==> flow/design.v <==
module ex_registers_rtl #(
    parameter int NREGS = 8,
    parameter int NBITS = 12,
    parameter int AW = $clog2(NREGS)
) (
    input logic clock,
    input logic wr_en,
    input logic [AW-1:0] write_addr,
    input logic [NBITS-1:0] din,
    input logic [AW-1:0] raddr_a,
    input logic [AW-1:0] raddr_b,
    output logic [NBITS-1:0] read_data_a,
    output logic [NBITS-1:0] read_data_b
);
    logic [NBITS-1:0] mem [NREGS-1:0];
    always_ff @(posedge clock) begin
        if (wr_en)
            mem[write_addr] <= din;
    end
    assign read_data_a = mem[raddr_a];
    assign read_data_b = mem[raddr_b];
endmodule
* From RTL to reports: ex_registers_rtl
Tool output for the design above, in the order of the flow.
Line numbers count from 1 in the design file above.
Operators carry their Yosys type and port widths (W data, S select, Z words).
Cell names lack the library's common part.
The mark n/a stands for no value.
- Top module :: ex_registers_rtl
- Clock port :: clock
- Library :: sky130hd
- Corner :: tt_025C_1v80

* Elaborated design
Counts by Yosys on the flattened word-level netlist (proc, flatten, opt, wreduce; memories kept). Register bits leave out memories and registers merged into their read ports (data or address); mux counts leave out enables and synchronous resets folded into registers. Print and check cells are left out. Cells with the same type and inputs are merged into one.
Memory sizes are those after Yosys's memory passes, which may raise the word count (mostly to a power of two), join words into wider ones and drop unused or constant bits.
- Register bits after elaboration :: 0
- Memory bits (writable) :: 96
- Memory cells :: 1
- Input port bits :: 23
- Output and inout port bits :: 24
- Word-level cells :: 4
** Memories
- mem :: depth 8, width 12, rd ports 2, write ports 1, RTL line 15 : logic [NBITS-1:0] mem [NREGS-1:0];
- Multiplexer cells :: 3
** Operators with widths (number)
- $mux W12 :: 1
- $mux W3 :: 1
- $mux W1 :: 1

* Longest topological paths
Yosys ltp: most cells in a row. Word level: on the elaborated netlist, between registers, memories and ports. Mapped: between sequential cells and ports; inverters and the memories' decode and read muxes count.
- Depth after elaboration :: 1
- ABC_AREA :: 0
- Gate-level depth with buffers :: 4
- Mapped depth without buffers :: 2

* After synthesis
Source: synth_stat.txt of the flow (Yosys; design flattened, memories mapped). It holds for the ABC_AREA given above (unset counts as 0); a run with the other value may have another netlist.
- Standard cells after synthesis :: 195
- Cell area after synthesis :: 0.0045569 mm^2
- Sequential area :: 0.0028828 mm^2
- Flip-flop cells :: 96
- Buffer cells :: 14
** Cell types
- edfxtp_1 :: number 96, total area 2.88E+03 um^2
- mux4_1 :: number 43, total area 1.13E+03 um^2
- mux2_2 :: number 24, total area 270.259 um^2
- mux4_2 :: number 5, total area 112.608 um^2
- buf_6 :: number 6, total area 67.565 um^2
- nor2_1 :: number 6, total area 22.522 um^2
- buf_2 :: number 4, total area 20.019 um^2
- nand2b_1 :: number 3, total area 18.768 um^2
- clkbuf_1 :: number 4, total area 15.014 um^2
- nor3_1 :: number 2, total area 10.01 um^2
- nand2_1 :: number 2, total area 7.507 um^2

* Timing after synthesis
Source: OpenSTA report_checks on the synthesized netlist (no wires, ideal clock, input and output delay 20% of the period each), path of least setup slack; recovery checks are left aside. Register names are those of the netlist, which keeps one name where synthesis merged equal registers.
- Path kind :: input to output
- Start point :: input port raddr_a[0]
- End point :: output port read_data_a[10]
- Clock period :: 2.25 ns
- Input delay :: 0.450 ns
- Output delay :: 0.450 ns
- Launch time at the first pin :: 0.450 ns
- Arrival time :: 1.528 ns
- Data required time :: 1.800 ns
- Path slack :: 0.272 ns
- Delay of the path :: 1.078 ns
- Driving pins on the path :: 4
- Buffers on the path :: 2
- Synthesis period reached :: 1.978 ns
"delay of the path" = arrival - input delay + setup time.
A path that ends at an output port has no setup time.
"driving pins on the path" counts driving pins, that of a launching flip-flop among them; a cell with two outputs on the path counts twice.
"synthesis period reached" is the clock period less the worst setup slack; recovery checks do not enter. This is arithmetic on one report: input and output delays are still those of the set period (20% each).
Between the ends stands the longest chain of elaborated cells between them, by number of cells; it is not shown to be the way that was timed. Of several equally long chains one is given.
Each line given opens the expression or statement behind the cell; cells for indexed reads and writes are added by Yosys, which also makes memories of some case tables.
A memory read counts as a cell of the chain, while the word-level depth stops at memories.
- Cell sequence :: buf_6 -> buf_6 -> mux4_1 -> mux2_2
- Cells in the longest elaborated chain :: 1
- Elaborated cells on any way between the ends :: 1
- Source lines of those cells :: 1
- Classes of those cells :: 1 x memory
** RTL lines, path after synthesis
- start, declared :: RTL line 10 : input logic [AW-1:0] raddr_a,
- $mem_v2 Z8 W12 :: RTL line 15 : logic [NBITS-1:0] mem [NREGS-1:0];
- end, declared :: RTL line 12 : output logic [NBITS-1:0] read_data_a,

* Worst path after layout
From the final timing report of stored run 1: the path of least setup slack in the routed layout; clock arrival at registers is part of the times.
- Path kind :: register to output
- Start point :: memory mem[5][11]
- End point :: output port read_data_a[11]
- Clock period :: 1.93 ns
- Output delay :: 0.39 ns
- Launch time at the first pin :: 0.33 ns
- Arrival time :: 1.65 ns
- Data required time :: 1.54 ns
- Path slack :: -0.10 ns
- Driving pins on the path :: 4
- Buffers on the path :: 1
Between the ends stands the longest chain of elaborated cells between them, by number of cells; it is not shown to be the way that was timed. Of several equally long chains one is given.
A memory read counts as a cell of the chain, while the word-level depth stops at memories.
- Cell sequence :: edfxtp_1 -> mux4_2 -> mux2_4 -> buf_6
- Cells in the longest elaborated chain :: 1
- Elaborated cells on any way between the ends :: 1
- Source lines of those cells :: 1
- Classes of those cells :: 1 x memory
** RTL lines, path after layout
- start, declared :: RTL line 15 : logic [NBITS-1:0] mem [NREGS-1:0];
- $mem_v2 Z8 W12 :: RTL line 15
- end, declared :: RTL line 12 : output logic [NBITS-1:0] read_data_a,

## Implementation results

Record of 3 stored runs of the RTL-to-layout flow on ex_registers_rtl, platform sky130hd. The runs are unordered. Constraints: input delay and output delay 20% of the set period each, output load 0.01 pF.
"period achieved" is the run's clock period less its worst setup slack. It is reckoned from that one timing run; input and output delays stay at 20% of the period that was set.
By "worst path time" is meant the share of the clock period that the worst setup path is allowed (20% is reserved at inputs, 20% at outputs), minus its slack. Clock arrival times at its registers enter into it.

** Stored run 1
- Settings :: period_ns=1.93; CORE_UTILIZATION=31; SETUP_SLACK_MARGIN=-0.06; PLACE_DENSITY_LB_ADDON=0.28; CELL_PAD_IN_SITES_GLOBAL_PLACEMENT=3; CELL_PAD_IN_SITES_DETAIL_PLACEMENT=1; TNS_END_PERCENT=80; ABC_AREA=0; CTS_CLUSTER_SIZE=83; CTS_CLUSTER_DIAMETER=201; SLEW_MARGIN=40; CAP_MARGIN=20; CORE_MARGIN=2
- Synthesis area :: 0.0045569 mm^2
- Worst path time :: 1.65 ns
- Worst setup path type :: register to output
- Smallest hold slack :: 0.774 ns
- Full die area :: 0.0156851 mm^2
- Period achieved :: 2.033 ns
- Summed negative setup slack :: -1.761 ns
- Standard-cell area after routing :: 0.0058268 mm^2
- Smallest setup slack :: -0.103 ns

** Stored run 2
- Settings :: period_ns=2.25; CAP_MARGIN=20; CORE_MARGIN=2; CORE_UTILIZATION=40; SLEW_MARGIN=20
- Synthesis area :: 0.0045569 mm^2
- Worst path time :: 1.36 ns
- Worst setup path type :: input to output
- Smallest hold slack :: 0.846 ns
- Full die area :: 0.0122622 mm^2
- Period achieved :: 2.259 ns
- Summed negative setup slack :: -0.009 ns
- Standard-cell area after routing :: 0.0057468 mm^2
- Smallest setup slack :: -0.009 ns

** Stored run 3
- Settings :: period_ns=1.81; CORE_UTILIZATION=67; PLACE_DENSITY=0.39; CORE_ASPECT_RATIO=1.49; CORE_MARGIN=4; CELL_PAD_IN_SITES_GLOBAL_PLACEMENT=1; CTS_CLUSTER_SIZE=38; CAP_MARGIN=30; SLEW_MARGIN=15
- Synthesis area :: 0.0045569 mm^2
- Worst path time :: 1.84 ns
- Worst setup path type :: register to output
- Smallest hold slack :: 0.704 ns
- Full die area :: 0.0082107 mm^2
- Period achieved :: 2.203 ns
- Summed negative setup slack :: -6.510 ns
- Standard-cell area after routing :: 0.0057805 mm^2
- Smallest setup slack :: -0.393 ns
